==> flow/design.v <==
module cpu_shifter (ck, RSTN, enable, i_ch, i_n, i_dir, o_data_out);
    parameter integer BITS = 14;
    localparam integer SEL_WIDTH = $clog2(BITS);
    input ck;
    input RSTN;
    input enable;
    input [BITS-1:0] i_ch;
    input [SEL_WIDTH-1:0] i_n;
    input i_dir;
    output [BITS-1:0] o_data_out;
    reg [BITS-1:0] r_ch;
    reg [SEL_WIDTH-1:0] r_n;
    reg r_dir;
    always @(posedge ck or negedge RSTN) begin
        if (~RSTN) begin
            r_ch <= 0;
            r_n <= 0;
            r_dir <= 1'b0;
        end else if (enable) begin
            r_ch <= i_ch;
            r_n <= i_n;
            r_dir <= i_dir;
        end
    end
    assign o_data_out = r_dir ? r_ch << r_n : r_ch >> r_n;
endmodule
# ---- Reports on cpu_shifter
# The steps from the RTL of cpu_shifter to its reports follow in flow order.
# Line numbers count from 1 in the design file above.
# Operators carry their Yosys type and port widths (W data, S select, Z words).
# Cell names lack the library's common part.
# The mark - stands for no value.
dict set report design {
  top {cpu_shifter}
  clk_port {ck}
  library {sky130hd}
  lib_corner {tt_025C_1v80}
}

# ---- After elaboration
# Counts by Yosys on the flattened word-level netlist (proc, flatten, opt, wreduce; memories kept). Register bits leave out memories and registers merged into their read ports (data or address); mux counts leave out enables and synchronous resets folded into registers. Print and check cells are left out. Cells with the same type and inputs are merged into one.
dict set report op_classes {
  n_shift 2
  mux 1
}
# operator n
set ops {}
lappend ops {{$shl A14 B4 Y14} 1}
lappend ops {{$shr A14 B4 Y14} 1}
lappend ops {{$mux W14} 1}
dict set report bits {
  register_bits 19
  input_bits 22
  out_inout_bits 14
  word_cells 6
}

# ---- Depth
# Yosys ltp: most cells in a row. Word level: on the elaborated netlist, between registers, memories and ports. Mapped: between sequential cells and ports; inverters and the memories' decode and read muxes count.
dict set report depth {
  ltp_word 2
  abc_area 0
  depth_mapped 7
  depth_no_buf 4
}

# ---- After synthesis
# Yosys stat after the flow's synthesis: flattened, memories mapped to cells. It holds for the ABC_AREA given above (unset counts as 0); a run with the other value may have another netlist.
dict set report synth_totals {
  mapped_cells 208
  synth_area_um2 2019.4
  sequential_area_um2 475.5
  ff_cells 19
  n_buf 20
}
# cell n area_total_um2
set types {}
lappend types {dfrtp_1 19 475.456}
lappend types {mux2_2 30 337.824}
lappend types {mux2i_1 29 290.278}
lappend types {mux4_2 5 112.608}
lappend types {o221ai_1 9 78.826}
lappend types {nand2b_1 10 62.56}
lappend types {buf_2 10 50.048}
lappend types {nand2_1 13 48.797}
lappend types {o21ai_0 7 35.034}
lappend types {nor2_1 9 33.782}
lappend types {o32a_1 3 30.029}
lappend types {o22a_1 3 26.275}
lappend types {nor3_1 5 25.024}
lappend types {o22ai_1 4 25.024}
lappend types {a22oi_1 3 22.522}
lappend types {nand3b_1 3 22.522}
lappend types {o211ai_1 3 22.522}
lappend types {a2bb2o_4 1 20.019}
# Not listed: further types 30, cells in them 42.

# ---- Worst setup path after synthesis
# OpenSTA on the mapped netlist: ideal clock, no wires. The path of least setup slack (recovery checks aside). Input and output delay are each 20% of the period. Register names are those of the netlist, which keeps one name where synthesis merged equal registers.
dict set report synth_timing {
  path_type {register to output}
  from {register r_n[1]}
  to {output port o_data_out[1]}
  period_ps 2390
  output_delay_ps 478
  t_first_pin_ps 0
  arrival_ps 1528
  required_ps 1912
  slack_ps 384
  delay_ps 1528
  driving_pins 6
  n_path_buf 2
  synth_period_reached_ps 2006
}
# "delay_ps" = arrival - input delay + setup time.
# At an output port there is no setup time.
# "driving_pins": output pins that drive a net of the path, with the launching flip-flop's if there is one; two outputs of one cell count as two.
# "synth_period_reached_ps" is the clock period less the worst setup slack; recovery checks do not enter. This is arithmetic on one report: input and output delays are still those of the set period (20% each).
# Between the ends stands the longest chain of elaborated cells between them, by number of cells; it is not shown to be the way that was timed. Of several equally long chains one is given.
# Each line given opens the expression or statement behind the cell; cells for indexed reads and writes are added by Yosys, which also makes memories of some case tables.
dict set report synth_via {
  cell_sequence {dfrtp_1 -> buf_6 -> buf_12 -> mux2i_1 -> mux4_2 -> o31ai_2}
  elab_chain_len 2
  cone_cells 3
  lines_between 1
  classes_between {shift (2); mux (1)}
}
# element line_no
set synth_lines {}
lappend synth_lines {{from (decl)} 12} ;# reg [SEL_WIDTH-1:0] r_n;
lappend synth_lines {{from (assign)} 17} ;# r_n <= 0;
lappend synth_lines {{from (assign)} 21} ;# r_n <= i_n;
lappend synth_lines {{$shr A14 B4 Y14} 25} ;# assign o_data_out = r_dir ? r_ch << r_n : r_ch >> r_n;
lappend synth_lines {{$mux W14} 25}
lappend synth_lines {{to (decl)} 10} ;# output [BITS-1:0] o_data_out;

# ---- Worst path after layout
# Path of least setup slack in the final report of record 2 (OpenROAD, finished layout, wires in). Where an end is a register, its clock arrival counts in the times.
# The report prints the path's times to 10 ps; the period is as set.
dict set report layout_timing {
  path_type {register to output}
  from {register r_n[1]}
  to {output port o_data_out[8]}
  period_ps 2390
  output_delay_ps 480
  t_first_pin_ps 260
  arrival_ps 2080
  required_ps 1910
  slack_ps -170
  driving_pins 8
  n_path_buf 3
}
# Between the ends stands the longest chain of elaborated cells between them, by number of cells; it is not shown to be the way that was timed. Of several equally long chains one is given.
dict set report layout_via {
  cell_sequence {dfrtp_2 -> buf_12 -> buf_6 -> mux2_4 -> inv_2 -> mux4_2 -> o221ai_2 -> buf_2}
  elab_chain_len 2
  cone_cells 3
  lines_between 1
  classes_between {shift (2); mux (1)}
}
# element line_no
set layout_lines {}
lappend layout_lines {{from (decl)} 12} ;# reg [SEL_WIDTH-1:0] r_n;
lappend layout_lines {{from (assign)} 17} ;# r_n <= 0;
lappend layout_lines {{from (assign)} 21} ;# r_n <= i_n;
lappend layout_lines {{$shr A14 B4 Y14} 25} ;# assign o_data_out = r_dir ? r_ch << r_n : r_ch >> r_n;
lappend layout_lines {{$mux W14} 25}
lappend layout_lines {{to (decl)} 10} ;# output [BITS-1:0] o_data_out;

Subject: cpu_shifter on sky130hd, stored results

Hello all,

3 stored runs of cpu_shifter in the flow (synthesis by Yosys, layout by OpenROAD, sky130hd cells), in arbitrary order. Constraints: input delay and output delay 20% of the set period each, output load 0.01 pF.
"period_less_ws_ps": clock period set for the run, less the worst setup slack. It is reckoned from that one timing run; input and output delays stay at 20% of the period that was set.
"worst_path_time_ps" means the part of the period allowed to the worst setup path (the constraints hold back 20% at inputs and 20% at outputs) less its slack; where the path has registers, the arrival times of their clocks count too.
"power_mw" is the tool's figure for a default switching activity; nothing was simulated.
"worst_path_time_ps" is known to 10 ps.

[flow] record 1: files
==> flow/run.sh <==
#!/bin/bash
# the make line also repeats the synthesis and layout settings of config.mk as NAME=value (left out here)
make -C /OpenROAD-flow-scripts/flow DESIGN_CONFIG=/design/flow/config.mk WORK_HOME=/design/flow/orfs CLKGATE_MAP_FILE= finish
==> flow/config.mk <==
export PLATFORM = sky130hd
export DESIGN_NAME = cpu_shifter
export DESIGN_NICKNAME = cpu_shifter
export VERILOG_FILES = /design/flow/design.v
export SDC_FILE = /design/flow/constraint.sdc
export NUM_CORES = 4
export LEC_CHECK = 0
export ABC_AREA = 1
export CAP_MARGIN = 0
export CORE_MARGIN = 2
export CORE_UTILIZATION = 66
export CTS_CLUSTER_DIAMETER = 178
export GPL_TIMING_DRIVEN = 0
export PLACE_DENSITY_LB_ADDON = 0.3
export SETUP_SLACK_MARGIN = 0.23
export SLEW_MARGIN = 20
export TNS_END_PERCENT = 60
==> flow/constraint.sdc <==
create_clock -name core_clock -period 1.35 [get_ports {ck}]
set_input_delay 0.2700 -clock core_clock [delete_from_list [all_inputs] [get_ports {ck}]]
set_output_delay 0.2700 -clock core_clock [all_outputs]
set_load 0.01 [all_outputs]

[flow] record 1: unfinished; error FLW-0024 in placement

[flow] record 2: files
==> flow/run.sh <==
#!/bin/bash
# the make line also repeats the synthesis and layout settings of config.mk as NAME=value (left out here)
make -C /OpenROAD-flow-scripts/flow DESIGN_CONFIG=/design/flow/config.mk WORK_HOME=/design/flow/orfs CLKGATE_MAP_FILE= finish
==> flow/config.mk <==
export PLATFORM = sky130hd
export DESIGN_NAME = cpu_shifter
export DESIGN_NICKNAME = cpu_shifter
export VERILOG_FILES = /design/flow/design.v
export SDC_FILE = /design/flow/constraint.sdc
export NUM_CORES = 4
export LEC_CHECK = 0
export CAP_MARGIN = 20
export CORE_MARGIN = 2
export CORE_UTILIZATION = 40
export SLEW_MARGIN = 20
==> flow/constraint.sdc <==
create_clock -name core_clock -period 2.39 [get_ports {ck}]
set_input_delay 0.4780 -clock core_clock [delete_from_list [all_inputs] [get_ports {ck}]]
set_output_delay 0.4780 -clock core_clock [all_outputs]
set_load 0.01 [all_outputs]

[flow] record 2: metrics
[metrics] setup_tns_ps = -576
[metrics] period_less_ws_ps = 2558
[metrics] final_util_pct = 65.9
[metrics] post_route_stdcell_area_um2 = 3154.3
[metrics] die_footprint_um2 = 5633.2
[metrics] worst_path_time_ps = 2080
[metrics] timing.worst_path_kind = register to output
[metrics] synth_area_um2 = 2019.4
[metrics] power_mw = 1.606
[metrics] setup_worst_slack_ps = -168

[flow] record 3: files
==> flow/run.sh <==
#!/bin/bash
# the make line also repeats the synthesis and layout settings of config.mk as NAME=value (left out here)
make -C /OpenROAD-flow-scripts/flow DESIGN_CONFIG=/design/flow/config.mk WORK_HOME=/design/flow/orfs CLKGATE_MAP_FILE= finish
==> flow/config.mk <==
export PLATFORM = sky130hd
export DESIGN_NAME = cpu_shifter
export DESIGN_NICKNAME = cpu_shifter
export VERILOG_FILES = /design/flow/design.v
export SDC_FILE = /design/flow/constraint.sdc
export NUM_CORES = 4
export LEC_CHECK = 0
export CAP_MARGIN = 20
export CORE_MARGIN = 9
export CORE_UTILIZATION = 20
export CTS_CLUSTER_DIAMETER = 150
export CTS_CLUSTER_SIZE = 58
export PLACE_DENSITY_LB_ADDON = 0.05
export SETUP_SLACK_MARGIN = 0.04
export SLEW_MARGIN = 20
export TNS_END_PERCENT = 10
==> flow/constraint.sdc <==
create_clock -name core_clock -period 1.18 [get_ports {ck}]
set_input_delay 0.2360 -clock core_clock [delete_from_list [all_inputs] [get_ports {ck}]]
set_output_delay 0.2360 -clock core_clock [all_outputs]
set_load 0.01 [all_outputs]

[flow] record 3: metrics
[metrics] setup_tns_ps = -14983
[metrics] period_less_ws_ps = 2379
[metrics] final_util_pct = 33.2
[metrics] post_route_stdcell_area_um2 = 3261.9
[metrics] die_footprint_um2 = 14038.7
[metrics] worst_path_time_ps = 2140
[metrics] timing.worst_path_kind = register to output
[metrics] synth_area_um2 = 2019.4
[metrics] power_mw = 3.275
[metrics] setup_worst_slack_ps = -1199

Thanks
